==> flow/design.v <==
module alu_add_core_blk #(
   parameter integer W = 6
) (
   input  clk,
   input  [W-1:0] rs1,
   input  [W-1:0] rs2,
   input  cin,
   output reg [W-1:0] total,
   output reg cy
);
   reg [W-1:0] rs1_d1;
   reg [W-1:0] rs2_d1;
   reg cin_d1;
   wire [W:0] cur;
   assign cur = rs1_d1 + rs2_d1 + cin_d1;
   always @(posedge clk) begin
      rs1_d1 <= rs1;
      rs2_d1 <= rs2;
      cin_d1 <= cin;
      total <= cur[W-1:0];
      cy <= cur[W];
   end
endmodule
* Reports on alu_add_core_blk
Tool output for the design above, in the order of the flow. Lines are those of the file above, counted from 1. Operators: Yosys type, input widths -> output width; for muxes data width and select width s. Library cell names are shortened. A cell with n/a has no value.
Inputs: design top alu_add_core_blk, clock clk, cell library sky130hd, corner tt_025C_1v80

* After elaboration
Source: Yosys, flattened and elaborated, memories not mapped. Widths are those after wreduce; folded enables and synchronous resets count as part of the registers. Registers that Yosys merges into a memory's read port (data or address) are not register bits. Print and check cells do not count. Equal cells are merged and count once.
Word-level totals: output and inout bits 7, clocked read ports x word width 0, cells after elaboration 7, bits in writable memories 0, memory bits (read-only) 0, bits in latches 0, input port bits 14, bits in registers 20, memories kept 0
Cells by class: multipliers 0, equal/unequal tests 0, bitwise operators 0, div/mod/pow operators 0, reduce/logical cells 0, mux-type cells 0, add/subtract/negate cells 2, shift-type cells 0, $lt $le $gt $ge 0
Operators with widths (number):
- $add 6x6->7 | 1
- $add 7x1->7 | 1

* Logic depth
Depth = most cells in a row (Yosys ltp): at word level without a register or memory, in the mapped netlist without a sequential cell, where the memories' decode and read muxes count.
Logic depth: depth after elaboration 2, ABC_AREA 0, depth in mapped cells 7, depth with buffers taken out 7

* Synthesis result
The flow's flattened synthesis, as Yosys stat reports it; memories are mapped. The netlist is that of the ABC_AREA named above (0 if unset); the other value can give another one. The area totals of this step are shown rounded.
Mapped netlist: mapped flip-flops 20, standard cells after synthesis 48, chip area (Yosys) 651 um2, buffer cells 0, area of sequential cells 400 um2
Cells by type:
- dfxtp_1 | number 20, total area 400.384 um2
- ha_1 | number 5, total area 62.56 um2
- fa_1 | number 2, total area 40.038 um2
- xnor2_1 | number 3, total area 26.275 um2
- inv_1 | number 4, total area 15.014 um2
- nor2b_4 | number 1, total area 13.763 um2
- a211oi_2 | number 1, total area 12.512 um2
- a21oi_1 | number 2, total area 10.01 um2
- o21ai_0 | number 2, total area 10.01 um2
- o31a_2 | number 1, total area 10.01 um2
- a21oi_2 | number 1, total area 8.758 um2
- o21ai_2 | number 1, total area 8.758 um2
- a21o_1 | number 1, total area 7.507 um2
- o21a_1 | number 1, total area 7.507 um2
- o21bai_1 | number 1, total area 7.507 um2
- nand2b_1 | number 1, total area 6.256 um2
- nor2_1 | number 1, total area 3.754 um2

* Timing after synthesis
Path of least setup slack by OpenSTA after synthesis, without wires, with an ideal clock, recovery checks aside; 20% of the period is set as input and as output delay. Where synthesis merged equal registers, the netlist keeps one of their names.
Timing post-synthesis: path type register -> register, start reg rs1_d1[0], end reg cy, launch time at the first pin 0.000 ns, path buffers 0, path delay 1.678 ns, period 2.1 ns, setup time 0.117 ns, data required time 1.983 ns, stages 8, arrival time 1.561 ns, setup slack 0.422 ns, synthesis period reached 1.678 ns
"path delay" is the arrival time less input delay plus setup time. "stages": output pins that drive a net of the path, with the launching flip-flop's if there is one; two outputs of one cell count as two. "synthesis period reached" = period - worst setup slack (recovery checks aside). The figure is calculated, with input and output delays left at 20% of the set period. The rows between start and end are the longest chain of elaborated cells between them; the timing report does not say that the signal goes this way. Where chains are equally long, one stands for them. A line is the first line of the expression or statement that the cell stems from. Yosys adds cells for indexed reads and writes and turns some case tables into memories.
On the way, post-synthesis: path through dfxtp_1 > fa_1 > inv_1 > fa_1 > nor2b_4 > o31a_2 > o21ai_2 > nand2b_1, cells in the longest elaborated chain 2, elaborated cells between the ends (all ways) 2, source lines of those cells 1, classes of those cells 2 x add/sub
RTL lines, path post-synthesis:
- start, declared | line 11 | reg [W-1:0] rs1_d1;
- start, assigned | line 17 | rs1_d1 <= rs1;
- $add 6x6->7 | line 15 | assign cur = rs1_d1 + rs2_d1 + cin_d1;
- $add 7x1->7 | line 15
- end, assigned | line 21 | cy <= cur[W];
- end, declared | line 9 | output reg cy

* Path in the finished layout
Path of least setup slack in the final report of run 1 (OpenROAD, finished layout, wires in). Where an end is a register, its clock arrival counts in the times.
Timing post-layout: path type register -> register, start reg rs1_d1[0], end reg cy, setup slack -0.44 ns, data required time 1.34 ns, stages 8, launch time at the first pin 0.28 ns, arrival time 1.79 ns, period 1.16 ns, path buffers 0, setup time 0.10 ns
The rows between start and end are the longest chain of elaborated cells between them; the timing report does not say that the signal goes this way. Where chains are equally long, one stands for them.
On the way, post-layout: path through dfxtp_2 > fa_2 > inv_2 > fa_2 > nor2b_4 > o31a_4 > o21ai_2 > nand2b_1, cells in the longest elaborated chain 2, elaborated cells between the ends (all ways) 2, source lines of those cells 1, classes of those cells 2 x add/sub
RTL lines, path post-layout:
- start, declared | line 11 | reg [W-1:0] rs1_d1;
- start, assigned | line 17 | rs1_d1 <= rs1;
- $add 6x6->7 | line 15 | assign cur = rs1_d1 + rs2_d1 + cin_d1;
- $add 7x1->7 | line 15
- end, assigned | line 21 | cy <= cur[W];
- end, declared | line 9 | output reg cy

Data sheet: physical implementation of alu_add_core_blk

Flow measurements of alu_add_core_blk on sky130hd: 3 stored runs with different settings, listed in no order. Input and output delays are each 20% of the period that was set; the output load is 0.01 pF.
By "worst setup path time" is meant the share of the clock period that the worst setup path is allowed (20% is reserved at inputs, 20% at outputs), minus its slack. Clock arrival times at its registers enter into it.
"total power of the final layout" rests on the timing tool's default activity at the inputs, not on a simulated workload.
The results are shown rounded.

[run 1] flow files
==> flow/run.sh <==
#!/bin/bash
# the make line also repeats the synthesis and layout settings of config.mk as NAME=value (left out here)
make -C /OpenROAD-flow-scripts/flow DESIGN_CONFIG=/design/flow/config.mk WORK_HOME=/design/flow/orfs CLKGATE_MAP_FILE= finish
==> flow/config.mk <==
export PLATFORM = sky130hd
export DESIGN_NAME = alu_add_core_blk
export DESIGN_NICKNAME = alu_add_core_blk
export VERILOG_FILES = /design/flow/design.v
export SDC_FILE = /design/flow/constraint.sdc
export NUM_CORES = 4
export LEC_CHECK = 0
export CAP_MARGIN = 10
export CORE_MARGIN = 2
export CORE_UTILIZATION = 35
export HOLD_SLACK_MARGIN = -0.09
export PLACE_DENSITY_LB_ADDON = 0.29
export SETUP_SLACK_MARGIN = 0.2
export SLEW_MARGIN = 20
==> flow/constraint.sdc <==
create_clock -name core_clock -period 1.16 [get_ports {clk}]
set_input_delay 0.2320 -clock core_clock [delete_from_list [all_inputs] [get_ports {clk}]]
set_output_delay 0.2320 -clock core_clock [all_outputs]
set_load 0.01 [all_outputs]

[run 1] result: setup slack of the critical path -0.442 ns; total power of the final layout 1.38 mW; worst setup path time 1.60 ns; critical path type register -> register; Yosys chip area after synthesis 651 um2; lowest hold slack 0.374 ns; final utilization 0.554; full die area 2220 um2

[run 2] flow files
==> flow/run.sh <==
#!/bin/bash
# the make line also repeats the synthesis and layout settings of config.mk as NAME=value (left out here)
make -C /OpenROAD-flow-scripts/flow DESIGN_CONFIG=/design/flow/config.mk WORK_HOME=/design/flow/orfs CLKGATE_MAP_FILE= finish
==> flow/config.mk <==
export PLATFORM = sky130hd
export DESIGN_NAME = alu_add_core_blk
export DESIGN_NICKNAME = alu_add_core_blk
export VERILOG_FILES = /design/flow/design.v
export SDC_FILE = /design/flow/constraint.sdc
export NUM_CORES = 4
export LEC_CHECK = 0
export CAP_MARGIN = 20
export CORE_MARGIN = 2
export CORE_UTILIZATION = 40
export SLEW_MARGIN = 20
==> flow/constraint.sdc <==
create_clock -name core_clock -period 2.1 [get_ports {clk}]
set_input_delay 0.4200 -clock core_clock [delete_from_list [all_inputs] [get_ports {clk}]]
set_output_delay 0.4200 -clock core_clock [all_outputs]
set_load 0.01 [all_outputs]

[run 2] result: setup slack of the critical path 0.345 ns; total power of the final layout 0.790 mW; worst setup path time 1.76 ns; critical path type register -> register; Yosys chip area after synthesis 651 um2; lowest hold slack 0.517 ns; final utilization 0.595; full die area 1970 um2

[run 3] flow files
==> flow/run.sh <==
#!/bin/bash
# the make line also repeats the synthesis and layout settings of config.mk as NAME=value (left out here)
make -C /OpenROAD-flow-scripts/flow DESIGN_CONFIG=/design/flow/config.mk WORK_HOME=/design/flow/orfs CLKGATE_MAP_FILE= finish
==> flow/config.mk <==
export PLATFORM = sky130hd
export DESIGN_NAME = alu_add_core_blk
export DESIGN_NICKNAME = alu_add_core_blk
export VERILOG_FILES = /design/flow/design.v
export SDC_FILE = /design/flow/constraint.sdc
export NUM_CORES = 4
export LEC_CHECK = 0
export ABC_AREA = 0
export CAP_MARGIN = 20
export CORE_MARGIN = 5
export CORE_UTILIZATION = 32
export PLACE_DENSITY = 0.85
export SETUP_SLACK_MARGIN = 0.17
export SLEW_MARGIN = 20
==> flow/constraint.sdc <==
create_clock -name core_clock -period 1.35 [get_ports {clk}]
set_input_delay 0.2700 -clock core_clock [delete_from_list [all_inputs] [get_ports {clk}]]
set_output_delay 0.2700 -clock core_clock [all_outputs]
set_load 0.01 [all_outputs]

[run 3] result: setup slack of the critical path -0.266 ns; total power of the final layout 1.25 mW; worst setup path time 1.62 ns; critical path type register -> register; Yosys chip area after synthesis 651 um2; lowest hold slack 0.400 ns; final utilization 0.498; full die area 3030 um2
